==> flow/design.v <==
module gen_mul_v2_half_mul #(parameter N = 4) (
   input wire [N-1:0] a,
   input wire [N-1:0] b,
   output wire [2*N-1:0] p
);
   assign p = a * b;
endmodule
module gen_mul_v2 #(
   parameter BITS = 4
) (
   input  wire core_clk,
   input  wire [BITS-1:0] i_in0,
   input  wire [BITS-1:0] i_in1,
   output reg [2*BITS-1:0] o_q
);
   localparam LW = BITS / 2;
   wire [BITS-1:0] ll;
   gen_mul_v2_half_mul #(.N(LW)) el (.a(i_in0[LW-1:0]), .b(i_in1[LW-1:0]), .p(ll));
   wire [BITS-1:0] lh;
   gen_mul_v2_half_mul #(.N(LW)) unit (.a(i_in0[LW-1:0]), .b(i_in1[BITS-1:LW]), .p(lh));
   wire [BITS-1:0] hl;
   gen_mul_v2_half_mul #(.N(LW)) u (.a(i_in0[BITS-1:LW]), .b(i_in1[LW-1:0]), .p(hl));
   wire [BITS-1:0] hh;
   gen_mul_v2_half_mul #(.N(LW)) u0 (.a(i_in0[BITS-1:LW]), .b(i_in1[BITS-1:LW]), .p(hh));
   wire [BITS:0] aux = lh + hl;
   always @(posedge core_clk) begin
      o_q <= {hh, ll} + {aux, {LW{1'b0}}};
   end
endmodule
[Tool chain data of gen_mul_v2]
What the tools print for gen_mul_v2, step after step.
Lines are those of the file above, counted from 1.
Cell names lack the library's common part.
Not given: --
Design
  design top: gen_mul_v2
  clock port: core_clk
  library: sky130hd
  corner: tt_025C_1v80

[After elaboration]
Yosys after proc, flatten, opt, wreduce and memory -nomap, before mapping. Enables and synchronous resets that opt folds into registers are not counted as muxes. Memory bits, and registers merged into a memory's read port (data or address), are not among the register bits. Print and check cells are not counted. Equal cells are merged and count once.
Operators by class
  $mul: 4
  $add $sub $neg: 2
Operators by type and width (number)
  2-bit by 2-bit multiplier with 4-bit output: 4
  8-bit by 7-bit adder with 8-bit output: 1
  4-bit by 4-bit adder with 5-bit output: 1
Bit counts
  word-level cells: 7
  input bits: 9
  output and inout port bits: 8
  flip-flop bits (word level): 8

[Longest topological paths]
Yosys ltp: most cells in a row. Word level: on the elaborated netlist, between registers, memories and ports. Mapped: between sequential cells and ports; inverters and the memories' decode and read muxes count.
Logic depth
  word-level depth: 3
  ABC_AREA: 0
  gate-level depth with buffers: 12
  mapped depth without buffers: 12

[Mapped cells and area]
Source: synth_stat.txt of the flow (Yosys; design flattened, memories mapped). It holds for the ABC_AREA given above (unset counts as 0); a run with the other value may have another netlist.
Mapped netlist
  flip-flops: 8
  buffers: 0
  cells in the netlist: 69
  cell area after synthesis: 681.9 µm²
  sequential part of the area: 160.2 µm²
Cells by type
  ha_1: number 16, area in all 200.192 µm²
  dfxtp_1: number 8, area in all 160.154 µm²
  fa_1: number 4, area in all 80.077 µm²
  and2_1: number 11, area in all 68.816 µm²
  xnor2_1: number 5, area in all 43.792 µm²
  inv_1: number 10, area in all 37.536 µm²
  nand2_1: number 5, area in all 18.768 µm²
  a21oi_1: number 3, area in all 15.014 µm²
  o21bai_1: number 2, area in all 15.014 µm²
  a211oi_2: number 1, area in all 12.512 µm²
  a21o_2: number 1, area in all 8.758 µm²
  a21oi_2: number 1, area in all 8.758 µm²
  a21o_1: number 1, area in all 7.507 µm²
  o21ai_0: number 1, area in all 5.005 µm²
By module: a second synthesis without flattening, with its own total; a netlist apart from the flattened one above.
Unflattened totals
  cells (unflattened synthesis): 66
  area total of the unflattened synthesis: 671.9 µm²
Rows give one instance, submodules left out.
By module
  gen_mul_v2: instances 1, area 471.7 µm², cells 42, seq. area 160.2 µm²
  gen_mul_v2_half_mul #(N=2): instances 4, area 50.0 µm², cells 6, seq. area 0.0 µm²

[Worst setup path after synthesis]
Path of least setup slack by OpenSTA after synthesis, without wires, with an ideal clock, recovery checks aside; 20% of the period is set as input and as output delay. Where synthesis merged equal registers, the netlist keeps one of their names.
Timing post-synthesis
  path type: input to register
  start point: input port i_in0[2]
  end point: register o_q[7]
  delay of the path: 2.448 ns
  path buffers: 0
  data required time: 3.702 ns
  stages: 11
  setup time: 0.118 ns
  external input delay: 0.764 ns
  period: 3.82 ns
  arrival: 3.094 ns
  setup slack: 0.608 ns
  time at the first pin: 0.764 ns
  synthesis period reached: 3.212 ns
"delay of the path" = arrival - input delay + setup time.
"stages" counts driving pins, that of a launching flip-flop among them; a cell with two outputs on the path counts twice.
"synthesis period reached" = period - worst setup slack (recovery checks aside). The figure is calculated, with input and output delays left at 20% of the set period.
The rows between start and end are the longest chain of elaborated cells between them; the timing report does not say that the signal goes this way. Where chains are equally long, one stands for them.
Each line given opens the expression or statement behind the cell; cells for indexed reads and writes are added by Yosys, which also makes memories of some case tables.
On the way, post-synthesis
  path through: nand2_1 > fa_1 > fa_1 > inv_1 > fa_1 > xnor2_1 > ha_1 > o21ai_0 > o21bai_1 > a21oi_2 > xnor2_1
  cells in the longest elaborated chain: 3
  elaborated cells on any way between the ends: 4
  RTL lines with such cells: 3
  classes of those cells: add/sub (2); mul (2)
RTL lines, path post-synthesis
  start: declaration: line 12  | input  wire [BITS-1:0] i_in0,
  2-bit by 2-bit multiplier with 4-bit output: line 6  | assign p = a * b;
  4-bit by 4-bit adder with 5-bit output: line 25  | wire [BITS:0] aux = lh + hl;
  8-bit by 7-bit adder with 8-bit output: line 27  | o_q <= {hh, ll} + {aux, {LW{1'b0}}};
  end: assignment: line 27
  end: declaration: line 14  | output reg [2*BITS-1:0] o_q

[Worst path after layout]
From the final timing report of record 1: the path of least setup slack in the routed layout; clock arrival at registers is part of the times.
Timing after layout
  path type: input to register
  start point: input port i_in1[0]
  end point: register o_q[7]
  arrival: 3.74 ns
  stages: 12
  data required time: 4.00 ns
  setup time: 0.07 ns
  period: 3.82 ns
  time at the first pin: 0.76 ns
  path buffers: 1
  setup slack: 0.26 ns
  external input delay: 0.76 ns
The rows between start and end are the longest chain of elaborated cells between them; the timing report does not say that the signal goes this way. Where chains are equally long, one stands for them.
On the way, after layout
  path through: clkdlybuf4s50_1 > nand2_1 > fa_1 > inv_1 > ha_1 > ha_1 > fa_1 > ha_1 > o21ai_0 > o21bai_1 > a21oi_2 > xnor2_1
  cells in the longest elaborated chain: 3
  elaborated cells on any way between the ends: 4
  RTL lines with such cells: 3
  classes of those cells: add/sub (2); mul (2)
RTL lines, path after layout
  start: declaration: line 13  | input  wire [BITS-1:0] i_in1,
  2-bit by 2-bit multiplier with 4-bit output: line 6  | assign p = a * b;
  4-bit by 4-bit adder with 5-bit output: line 25  | wire [BITS:0] aux = lh + hl;
  8-bit by 7-bit adder with 8-bit output: line 27  | o_q <= {hh, ll} + {aux, {LW{1'b0}}};
  end: assignment: line 27
  end: declaration: line 14  | output reg [2*BITS-1:0] o_q

==> runs of gen_mul_v2 <==
Module gen_mul_v2, platform sky130hd: 3 stored runs of the flow (Yosys, OpenROAD) with differing settings, in no particular order. Input and output delays are each 20% of the period that was set; the output load is 0.01 pF.
By "worst setup path time (ns)" is meant the share of the clock period that the worst setup path is allowed (20% is reserved at inputs, 20% at outputs), minus its slack. Clock arrival times at its registers enter into it.

Flow files of record 1
==> flow/run.sh <==
#!/bin/bash
# the make line also repeats the synthesis and layout settings of config.mk as NAME=value (left out here)
make -C /OpenROAD-flow-scripts/flow DESIGN_CONFIG=/design/flow/config.mk WORK_HOME=/design/flow/orfs CLKGATE_MAP_FILE= finish
==> flow/config.mk <==
export PLATFORM = sky130hd
export DESIGN_NAME = gen_mul_v2
export DESIGN_NICKNAME = gen_mul_v2
export VERILOG_FILES = /design/flow/design.v
export SDC_FILE = /design/flow/constraint.sdc
export NUM_CORES = 4
export LEC_CHECK = 0
export CAP_MARGIN = 20
export CORE_MARGIN = 2
export CORE_UTILIZATION = 40
export SLEW_MARGIN = 20
==> flow/constraint.sdc <==
create_clock -name core_clock -period 3.82 [get_ports {core_clk}]
set_input_delay 0.7640 -clock core_clock [delete_from_list [all_inputs] [get_ports {core_clk}]]
set_output_delay 0.7640 -clock core_clock [all_outputs]
set_load 0.01 [all_outputs]

report of record 1
yosys chip area after synthesis (um^2): 681.9
finish__design__die__area: 2051.2
finish__design__instance__area__stdcell: 922.1
finish__design__instance__utilization: 0.5915
finish__timing__setup__ws: 0.264
finish__timing__hold__ws: 1.159
worst setup path time (ns): 2.79
worst setup path kind: input to register

Flow files of record 2
==> flow/run.sh <==
#!/bin/bash
# the make line also repeats the synthesis and layout settings of config.mk as NAME=value (left out here)
make -C /OpenROAD-flow-scripts/flow DESIGN_CONFIG=/design/flow/config.mk WORK_HOME=/design/flow/orfs CLKGATE_MAP_FILE= finish
==> flow/config.mk <==
export PLATFORM = sky130hd
export DESIGN_NAME = gen_mul_v2
export DESIGN_NICKNAME = gen_mul_v2
export VERILOG_FILES = /design/flow/design.v
export SDC_FILE = /design/flow/constraint.sdc
export NUM_CORES = 4
export LEC_CHECK = 0
export ABC_AREA = 0
export CAP_MARGIN = 20
export CELL_PAD_IN_SITES_DETAIL_PLACEMENT = 1
export CORE_MARGIN = 4
export CORE_UTILIZATION = 32
export MAX_ROUTING_LAYER = met4
export MIN_ROUTING_LAYER = met1
export SETUP_SLACK_MARGIN = 0.93
export SLEW_MARGIN = 20
export TNS_END_PERCENT = 90
==> flow/constraint.sdc <==
create_clock -name core_clock -period 3.15 [get_ports {core_clk}]
set_input_delay 0.6300 -clock core_clock [delete_from_list [all_inputs] [get_ports {core_clk}]]
set_output_delay 0.6300 -clock core_clock [all_outputs]
set_load 0.01 [all_outputs]

report of record 2
yosys chip area after synthesis (um^2): 681.9
finish__design__die__area: 2933.3
finish__design__instance__area__stdcell: 1088.5
finish__design__instance__utilization: 0.5437
finish__timing__setup__ws: 0.312
finish__timing__hold__ws: 0.704
worst setup path time (ns): 2.21
worst setup path kind: input to register

Flow files of record 3
==> flow/run.sh <==
#!/bin/bash
# the make line also repeats the synthesis and layout settings of config.mk as NAME=value (left out here)
make -C /OpenROAD-flow-scripts/flow DESIGN_CONFIG=/design/flow/config.mk WORK_HOME=/design/flow/orfs CLKGATE_MAP_FILE= finish
==> flow/config.mk <==
export PLATFORM = sky130hd
export DESIGN_NAME = gen_mul_v2
export DESIGN_NICKNAME = gen_mul_v2
export VERILOG_FILES = /design/flow/design.v
export SDC_FILE = /design/flow/constraint.sdc
export NUM_CORES = 4
export LEC_CHECK = 0
export ABC_AREA = 1
export CAP_MARGIN = 35
export CORE_MARGIN = 9
export CORE_UTILIZATION = 52
export CTS_CLUSTER_DIAMETER = 73
export PLACE_DENSITY = 0.57
export SETUP_SLACK_MARGIN = 0.03
export SLEW_MARGIN = 10
export TNS_END_PERCENT = 75
==> flow/constraint.sdc <==
create_clock -name core_clock -period 2.27 [get_ports {core_clk}]
set_input_delay 0.4540 -clock core_clock [delete_from_list [all_inputs] [get_ports {core_clk}]]
set_output_delay 0.4540 -clock core_clock [all_outputs]
set_load 0.01 [all_outputs]

report of record 3: did not finish, route, DPL-0033
